==> flow/design.v <==
module add_core_rtl #(
    parameter DWIDTH = 40,
    parameter BS = 4
) (
    input  wire ck,
    input  wire [DWIDTH-1:0] u,
    input  wire [DWIDTH-1:0] v,
    input  wire ci,
    output wire [DWIDTH-1:0] o,
    output wire carry
);
    reg [DWIDTH-1:0] u_r;
    always @(posedge ck)
        u_r <= u;
    reg [DWIDTH-1:0] v_r;
    always @(posedge ck)
        v_r <= v;
    reg ci_r;
    always @(posedge ck)
        ci_r <= ci;
    localparam NB = DWIDTH / BS;
    wire [DWIDTH-1:0] val;
    wire [NB:0] cy;
    assign cy[0] = ci_r;
    genvar i;
    generate
        for (i = 0; i < NB; i = i + 1) begin : each
            wire [BS:0] s0 = u_r[i*BS +: BS] + v_r[i*BS +: BS];
            wire [BS:0] s1 = u_r[i*BS +: BS] + v_r[i*BS +: BS] + 1'b1;
            assign {cy[i+1], val[i*BS +: BS]} = cy[i] ? s1 : s0;
        end
    endgenerate
    assign o = val;
    assign carry = cy[NB];
endmodule
### Reports on add_core_rtl

What the tools print for add_core_rtl, step after step.
Lines are those of the file above, counted from 1.
Operators carry their Yosys type and port widths (W data, S select, Z words).
The mark -- stands for no value.

* top: add_core_rtl
* clock port: ck
* standard-cell library: sky130hd
* corner: tt_025C_1v80

### Word level

Counts by Yosys on the flattened word-level netlist (proc, flatten, opt, wreduce; memories kept). Register bits leave out memories and registers merged into their read ports (data or address); mux counts leave out enables and synchronous resets folded into registers. Print and check cells are left out. Cells with the same type and inputs are merged into one.

* add/sub/neg operators: 20
* muxes and demuxes: 10

Operators by type and width (number)
* $add A4 B4 Y5: 10
* $add A5 B1 Y5 const B: 10
* $mux W5: 10

* register bits: 81
* bits of input ports: 82
* cells after elaboration: 33

### Longest topological paths

Longest topological path by Yosys (ltp), each cell counted once; first at word level (registers and memories cut), then after technology mapping (sequential cells cut; the memories' decode and read muxes count).

* depth after elaboration: 12
* ABC_AREA: 1
* gate-level depth with buffers: 23
* gate-level depth less buffers: 23

### Netlist

The flow's flattened synthesis, as Yosys stat reports it; memories are mapped. The netlist is that of the ABC_AREA named above (0 if unset); the other value can give another one.
Totals and module areas in this step are rounded.

Cell types
* sky130_fd_sc_hd__dfxtp_1: number 81, total area 1.62E+03 sq um
* sky130_fd_sc_hd__ha_1: number 50, total area 625.6 sq um
* sky130_fd_sc_hd__xor2_1: number 33, total area 289.027 sq um
* sky130_fd_sc_hd__nand3_1: number 54, total area 270.259 sq um
* sky130_fd_sc_hd__nand2_1: number 54, total area 202.694 sq um
* sky130_fd_sc_hd__fa_1: number 10, total area 200.192 sq um
* sky130_fd_sc_hd__inv_1: number 37, total area 138.883 sq um
* sky130_fd_sc_hd__xnor2_1: number 15, total area 131.376 sq um
* sky130_fd_sc_hd__nand3_4: number 6, total area 105.101 sq um
* sky130_fd_sc_hd__nand2_4: number 9, total area 101.347 sq um
* sky130_fd_sc_hd__a21oi_1: number 14, total area 70.067 sq um
* sky130_fd_sc_hd__nor2_1: number 14, total area 52.55 sq um
* sky130_fd_sc_hd__a21o_1: number 6, total area 45.043 sq um
* sky130_fd_sc_hd__nand3_2: number 4, total area 40.038 sq um
* sky130_fd_sc_hd__a31oi_1: number 6, total area 37.536 sq um
* sky130_fd_sc_hd__nand4_1: number 5, total area 31.28 sq um
* sky130_fd_sc_hd__nand2_2: number 4, total area 25.024 sq um
* sky130_fd_sc_hd__mux2_1: number 2, total area 22.522 sq um

Not listed: further types 8, cells in them 13.

* mapped cells: 417
* chip area (Yosys): 4110 sq um
* sequential area: 1622 sq um
* flip-flop cells: 81

### Worst setup path after synthesis

Path of least setup slack by OpenSTA after synthesis, without wires, with an ideal clock, recovery checks aside; 20% of the period is set as input and as output delay. Where synthesis merged equal registers, the netlist keeps one of their names.

* kind: reg2out
* from: register u_r[0]
* to: output o[29]
* period: 7470 ps
* output delay: 1494 ps
* time at the first pin: 0 ps
* data arrival time: 2830 ps
* path slack: 3146 ps
* path delay: 2830 ps
* stages on the path: 19
* path buffers: 0
* synthesis period reached: 4324 ps

"path delay" is the arrival time less input delay plus setup time.
A path that ends at an output port has no setup time.
"stages on the path" counts driving pins, that of a launching flip-flop among them; a cell with two outputs on the path counts twice.
"synthesis period reached" = period - worst setup slack (recovery checks aside). The figure is calculated, with input and output delays left at 20% of the set period.
The rows between start and end are the longest chain of elaborated cells between them; the timing report does not say that the signal goes this way. Where chains are equally long, one stands for them.
A line is the first line of the expression or statement that the cell stems from. Yosys adds cells for indexed reads and writes and turns some case tables into memories.

* cell sequence: sky130_fd_sc_hd__dfxtp_1 sky130_fd_sc_hd__ha_1 sky130_fd_sc_hd__fa_1 sky130_fd_sc_hd__ha_1 sky130_fd_sc_hd__nand2_1 sky130_fd_sc_hd__nor2_2 sky130_fd_sc_hd__nand4_1 sky130_fd_sc_hd__nand2_2 sky130_fd_sc_hd__nand2_2 sky130_fd_sc_hd__nand2_4 sky130_fd_sc_hd__nand2_4 sky130_fd_sc_hd__nand2_4 sky130_fd_sc_hd__nand2_2 sky130_fd_sc_hd__nand3_4 sky130_fd_sc_hd__nand2_4 sky130_fd_sc_hd__nand2_4 sky130_fd_sc_hd__nand3_4 sky130_fd_sc_hd__nand2_4 sky130_fd_sc_hd__mux2_1
* cells in the longest elaborated chain: 10
* elaborated cells on any way between the ends: 10

RTL lines, path after synthesis
* start: declaration: RTL line 12 `reg [DWIDTH-1:0] u_r;`
* start: assignment: RTL line 14 `u_r <= u;`
* $add A4 B4 Y5: RTL line 29 `wire [BS:0] s1 = u_r[i*BS +: BS] + v_r[i*BS +: BS] + 1'b1;`
* $add A5 B1 Y5: RTL line 29
* $mux W5 x8: RTL line 30 `assign {cy[i+1], val[i*BS +: BS]} = cy[i] ? s1 : s0;`
* end: declaration: RTL line 9 `output wire [DWIDTH-1:0] o,`

### Worst path after layout

Path of least setup slack in the final report of flow run A (OpenROAD, finished layout, wires in). Where an end is a register, its clock arrival counts in the times.
The report prints the path's times to 10 ps; the period is as set.

* kind: reg2out
* from: register u_r[0]
* to: output o[38]
* period: 5240 ps
* output delay: 1050 ps
* time at the first pin: 330 ps
* data arrival time: 3870 ps
* path slack: 320 ps
* stages on the path: 23
* path buffers: 1

The rows between start and end are the longest chain of elaborated cells between them; the timing report does not say that the signal goes this way. Where chains are equally long, one stands for them.

* cell sequence: sky130_fd_sc_hd__dfxtp_1 sky130_fd_sc_hd__ha_1 sky130_fd_sc_hd__fa_1 sky130_fd_sc_hd__ha_1 sky130_fd_sc_hd__nand2_1 sky130_fd_sc_hd__nor2_2 sky130_fd_sc_hd__nand4_1 sky130_fd_sc_hd__nand2_2 sky130_fd_sc_hd__nand2_2 sky130_fd_sc_hd__nand2_4 sky130_fd_sc_hd__nand2_4 sky130_fd_sc_hd__nand2_4 sky130_fd_sc_hd__nand2_4 sky130_fd_sc_hd__nand3_4 sky130_fd_sc_hd__nand2_4 sky130_fd_sc_hd__nand2_4 sky130_fd_sc_hd__nand3_4 sky130_fd_sc_hd__nand2_4 sky130_fd_sc_hd__nand2_4 sky130_fd_sc_hd__nand3_4 sky130_fd_sc_hd__nand3_1 sky130_fd_sc_hd__nand2_1 sky130_fd_sc_hd__clkdlybuf4s50_1
* cells in the longest elaborated chain: 12
* elaborated cells on any way between the ends: 12

RTL lines, path post-layout
* start: declaration: RTL line 12 `reg [DWIDTH-1:0] u_r;`
* start: assignment: RTL line 14 `u_r <= u;`
* $add A4 B4 Y5: RTL line 29 `wire [BS:0] s1 = u_r[i*BS +: BS] + v_r[i*BS +: BS] + 1'b1;`
* $add A5 B1 Y5: RTL line 29
* $mux W5 x10: RTL line 30 `assign {cy[i+1], val[i*BS +: BS]} = cy[i] ? s1 : s0;`
* end: declaration: RTL line 9 `output wire [DWIDTH-1:0] o,`

add_core_rtl through Yosys and OpenROAD on sky130hd: 3 stored runs, unordered, with their settings and measured results. The constraints put input and output delay at 20% of the set period each and load the outputs with 0.01 pF.
"achieved clock period" is the run's clock period less its worst setup slack. It is reckoned from that one timing run; input and output delays stay at 20% of the period that was set.
By "worst setup path time" is meant the share of the clock period that the worst setup path is allowed (20% is reserved at inputs, 20% at outputs), minus its slack. Clock arrival times at its registers enter into it.
"total power after layout": no workload was simulated; the value follows from the tool's default switching activity.
"worst setup path time" is known to 10 ps.
The measured numbers are rounded.

### Flow run A

Settings: `period_ns=5.24`, `CORE_UTILIZATION=23`, `PLACE_DENSITY_LB_ADDON=0.15`, `CELL_PAD_IN_SITES_GLOBAL_PLACEMENT=3`, `CELL_PAD_IN_SITES_DETAIL_PLACEMENT=0`, `TNS_END_PERCENT=30`, `ABC_AREA=1`, `MIN_ROUTING_LAYER=met1`, `CAP_MARGIN=20`, `CORE_MARGIN=2`, `SLEW_MARGIN=20`

- Synthesized cell area: 4110 sq um
- Overall die area: 18960 sq um
- Standard-cell area after routing: 5983 sq um
- Utilization after layout: 34.5 %
- Worst setup slack after layout: 319 ps
- Summed negative setup slack: 0 ps
- Worst hold slack after layout: 1150 ps
- Total power after layout: 2129 uW
- Achieved clock period: 4921 ps
- Worst setup path time: 3870 ps
- Worst path kind: reg2out

### Flow run B

Settings: `period_ns=6.97`, `CORE_UTILIZATION=72`, `SETUP_SLACK_MARGIN=-0.4`, `PLACE_DENSITY_LB_ADDON=0.17`, `CORE_ASPECT_RATIO=0.65`, `CORE_MARGIN=6`, `CELL_PAD_IN_SITES_GLOBAL_PLACEMENT=0`, `CELL_PAD_IN_SITES_DETAIL_PLACEMENT=0`, `ABC_AREA=0`, `GPL_ROUTABILITY_DRIVEN=0`, `CTS_CLUSTER_SIZE=100`, `CAP_MARGIN=25`, `SLEW_MARGIN=0`

Incomplete, placement halted on FLW-0024.

### Flow run C

Settings: `period_ns=7.47`, `CAP_MARGIN=20`, `CORE_MARGIN=2`, `CORE_UTILIZATION=40`, `SLEW_MARGIN=20`

- Synthesized cell area: 3869 sq um
- Overall die area: 10470 sq um
- Standard-cell area after routing: 5553 sq um
- Utilization after layout: 59.5 %
- Worst setup slack after layout: 300 ps
- Summed negative setup slack: 0 ps
- Worst hold slack after layout: 1570 ps
- Total power after layout: 1189 uW
- Achieved clock period: 7170 ps
- Worst setup path time: 5680 ps
- Worst path kind: reg2out
